==> flow/design.v <==
module cpu_mplex_mod #(
  parameter integer DWIDTH = 4,
  parameter integer COUNT = 32,
  parameter integer LOGN = $clog2(COUNT)
) (
  input logic sys_clk,
  input logic ce,
  input logic [COUNT*DWIDTH-1:0] din,
  input logic [LOGN-1:0] idx,
  output logic [DWIDTH-1:0] result
);
  always_ff @(posedge sys_clk) begin
    if (ce) begin
      result <= din[idx*DWIDTH +: DWIDTH];
    end
  end
endmodule
==> Step by step through the tools: cpu_mplex_mod <==
What the tools print for cpu_mplex_mod, step after step.
Line numbers count from 1 in the design file above.
Operators: Yosys type, input widths -> output width; for muxes data width and select width s.
Cell names lack the library's common part.
{ "inputs": {"top_module": "cpu_mplex_mod", "clock": "sys_clk", "library": "sky130hd", "pvt_corner": "tt_025C_1v80"} }

==> Elaborated design <==
Source: Yosys, flattened and elaborated, memories not mapped. Widths are those after wreduce; folded enables and synchronous resets count as part of the registers. Registers that Yosys merges into a memory's read port (data or address) are not register bits. Print and check cells do not count. Equal cells are merged and count once.
{ "bits": {"ff_bits": 4, "inputBits": 135, "wordCells": 2, "out_inout_bits": 4} }
{ "op_classes": {"shifts": 1} }
{ "ops": {"columns": ["cell", "count"], "rows": [
  ["$shiftx 128x8->4", 1]
]} }

==> Depth <==
Yosys ltp: most cells in a row. Word level: on the elaborated netlist, between registers, memories and ports. Mapped: between sequential cells and ports; inverters and the memories' decode and read muxes count.
{ "depth": {"depth_word": 1, "ABC_AREA": 0, "depth_mapped": 5, "ltp_nobuf": 3} }

==> After synthesis <==
Source: synth_stat.txt of the flow (Yosys; design flattened, memories mapped). It holds for the ABC_AREA given above (unset counts as 0); a run with the other value may have another netlist.
Totals and module areas in this step are rounded.
{ "by_type": {"columns": ["cell", "count", "area_total_um2"], "rows": [
  ["mux4_2", 40, 900.864],
  ["edfxtp_1", 4, 120.115],
  ["mux2_2", 4, 45.043],
  ["buf_6", 3, 33.782],
  ["buf_1", 4, 15.014],
  ["buf_2", 1, 5.005],
  ["clkbuf_1", 1, 3.754]
]} }
{ "synth_totals": {"mapped_area_um2": 1124, "sequential_area_um2": 120.1, "ff_cells": 4, "n_buf": 9, "cell_count": 57} }

==> Worst setup path after synthesis <==
OpenSTA on the mapped netlist: ideal clock, no wires. The path of least setup slack (recovery checks aside). Input and output delay are each 20% of the period. Register names are those of the netlist, which keeps one name where synthesis merged equal registers.
{ "synth_path": {"path_kind": "input-to-reg", "from": "input port idx[0]", "to": "register result[0]", "path_stages": 5, "n_path_buf": 2, "tclk_ns": 2.83, "setup_ns": 0.260, "path_slack_ns": 0.453, "t_arrival_ns": 2.117, "required_ns": 2.570, "delay_ns": 1.811, "synth_period_reached_ns": 2.377} }
"delay_ns" = arrival - input delay + setup time.
"path_stages": output pins that drive a net of the path, with the launching flip-flop's if there is one; two outputs of one cell count as two.
"synth_period_reached_ns" is the clock period less the worst setup slack; recovery checks do not enter. This is arithmetic on one report: input and output delays are still those of the set period (20% each).
The rows between start and end are the longest chain of elaborated cells between them; the timing report does not say that the signal goes this way. Where chains are equally long, one stands for them.
A line is the first line of the expression or statement that the cell stems from. Yosys adds cells for indexed reads and writes and turns some case tables into memories.
{ "synth_between": {"cell_sequence": "buf_2 -> buf_6 -> mux4_2 -> mux4_2 -> mux2_2", "elab_chain_len": 1, "cone_cells": 1, "cone_lines": 1, "cone_classes": "shift (1)"} }
{ "synth_lines": {"columns": ["element", "line", "source"], "rows": [
  ["from (decl)", 9, "input logic [LOGN-1:0] idx,"],
  ["$shiftx 128x8->4", 14, "result <= din[idx*DWIDTH +: DWIDTH];"],
  ["to (assign)", 14, null],
  ["to (decl)", 10, "output logic [DWIDTH-1:0] result"]
]} }

==> Timing after layout <==
From the final timing report of stored run 1: the path of least setup slack in the routed layout; clock arrival at registers is part of the times.
{ "layout_path": {"path_kind": "input-to-reg", "from": "input port idx[0]", "to": "register result[0]", "t_arrival_ns": 2.78, "setup_ns": 0.25, "path_slack_ns": 1.01, "required_ns": 3.80, "tclk_ns": 3.83, "path_stages": 5, "n_path_buf": 2} }
The rows between start and end are the longest chain of elaborated cells between them; the timing report does not say that the signal goes this way. Where chains are equally long, one stands for them.
{ "layout_between": {"cell_sequence": "buf_2 -> buf_4 -> mux4_2 -> mux4_2 -> mux2_2", "elab_chain_len": 1, "cone_cells": 1, "cone_lines": 1, "cone_classes": "shift (1)"} }
{ "layout_lines": {"columns": ["element", "line", "source"], "rows": [
  ["from (decl)", 9, "input logic [LOGN-1:0] idx,"],
  ["$shiftx 128x8->4", 14, "result <= din[idx*DWIDTH +: DWIDTH];"],
  ["to (assign)", 14, null],
  ["to (decl)", 10, "output logic [DWIDTH-1:0] result"]
]} }

Wiki page: cpu_mplex_mod / flow data

Module cpu_mplex_mod, platform sky130hd: 3 stored runs of the flow (Yosys, OpenROAD) with differing settings, in no particular order. Input and output delays are each 20% of the period that was set; the output load is 0.01 pF.
"timing.achieved_period_ns": clock period set for the run, less the worst setup slack. It is reckoned from that one timing run; input and output delays stay at 20% of the period that was set.
"critical_path_time_ns": the worst setup path's part of the clock period (all of it between registers, 20% less for each end at a port) less its slack. A launch clock that arrives late makes it longer, a capture clock that arrives late makes it shorter.
By "total_power_w" is meant OpenSTA's value without simulated activity: inputs other than the clock are taken to toggle once in ten clock periods, and the tool carries that through the logic.
The measured numbers are rounded.
[
  {
    "run": "stored run 1",
    "settings": { "period_ns": 3.83, "CORE_UTILIZATION": 16, "SETUP_SLACK_MARGIN": -0.23, "PLACE_DENSITY_LB_ADDON": 0.13, "CORE_ASPECT_RATIO": 0.59, "CORE_MARGIN": 4, "ABC_AREA": 0, "CTS_CLUSTER_SIZE": 86, "CAP_MARGIN": 20, "SLEW_MARGIN": 20 },
    "results": { "critical_path_time_ns": 2.05, "path_kind": "input-to-reg", "ws_hold_ns": 1.268, "total_power_w": 0.0004918, "utilization_pct": 39.0, "final_cell_area_um2": 2649, "timing.achieved_period_ns": 2.816, "setup_tns_ns": 0.000, "ys_area_um2": 1124, "worstSetupSlack_ns": 1.014, "die_um2": 8474 }
  },
  {
    "run": "stored run 2",
    "settings": { "period_ns": 2.83, "CAP_MARGIN": 20, "CORE_MARGIN": 2, "CORE_UTILIZATION": 40, "SLEW_MARGIN": 20 },
    "outcome": "no results, placement failed with GPL-0301"
  },
  {
    "run": "stored run 3",
    "settings": { "period_ns": 3.04, "CORE_UTILIZATION": 58, "SETUP_SLACK_MARGIN": 0.47, "PLACE_DENSITY_LB_ADDON": 0.15, "CELL_PAD_IN_SITES_DETAIL_PLACEMENT": 2, "TNS_END_PERCENT": 40, "GPL_TIMING_DRIVEN": 1, "CTS_CLUSTER_DIAMETER": 64, "SLEW_MARGIN": 25, "MIN_ROUTING_LAYER": "met1", "CAP_MARGIN": 20, "CORE_MARGIN": 2 },
    "outcome": "no results, placement failed with FLW-0024"
  }
]
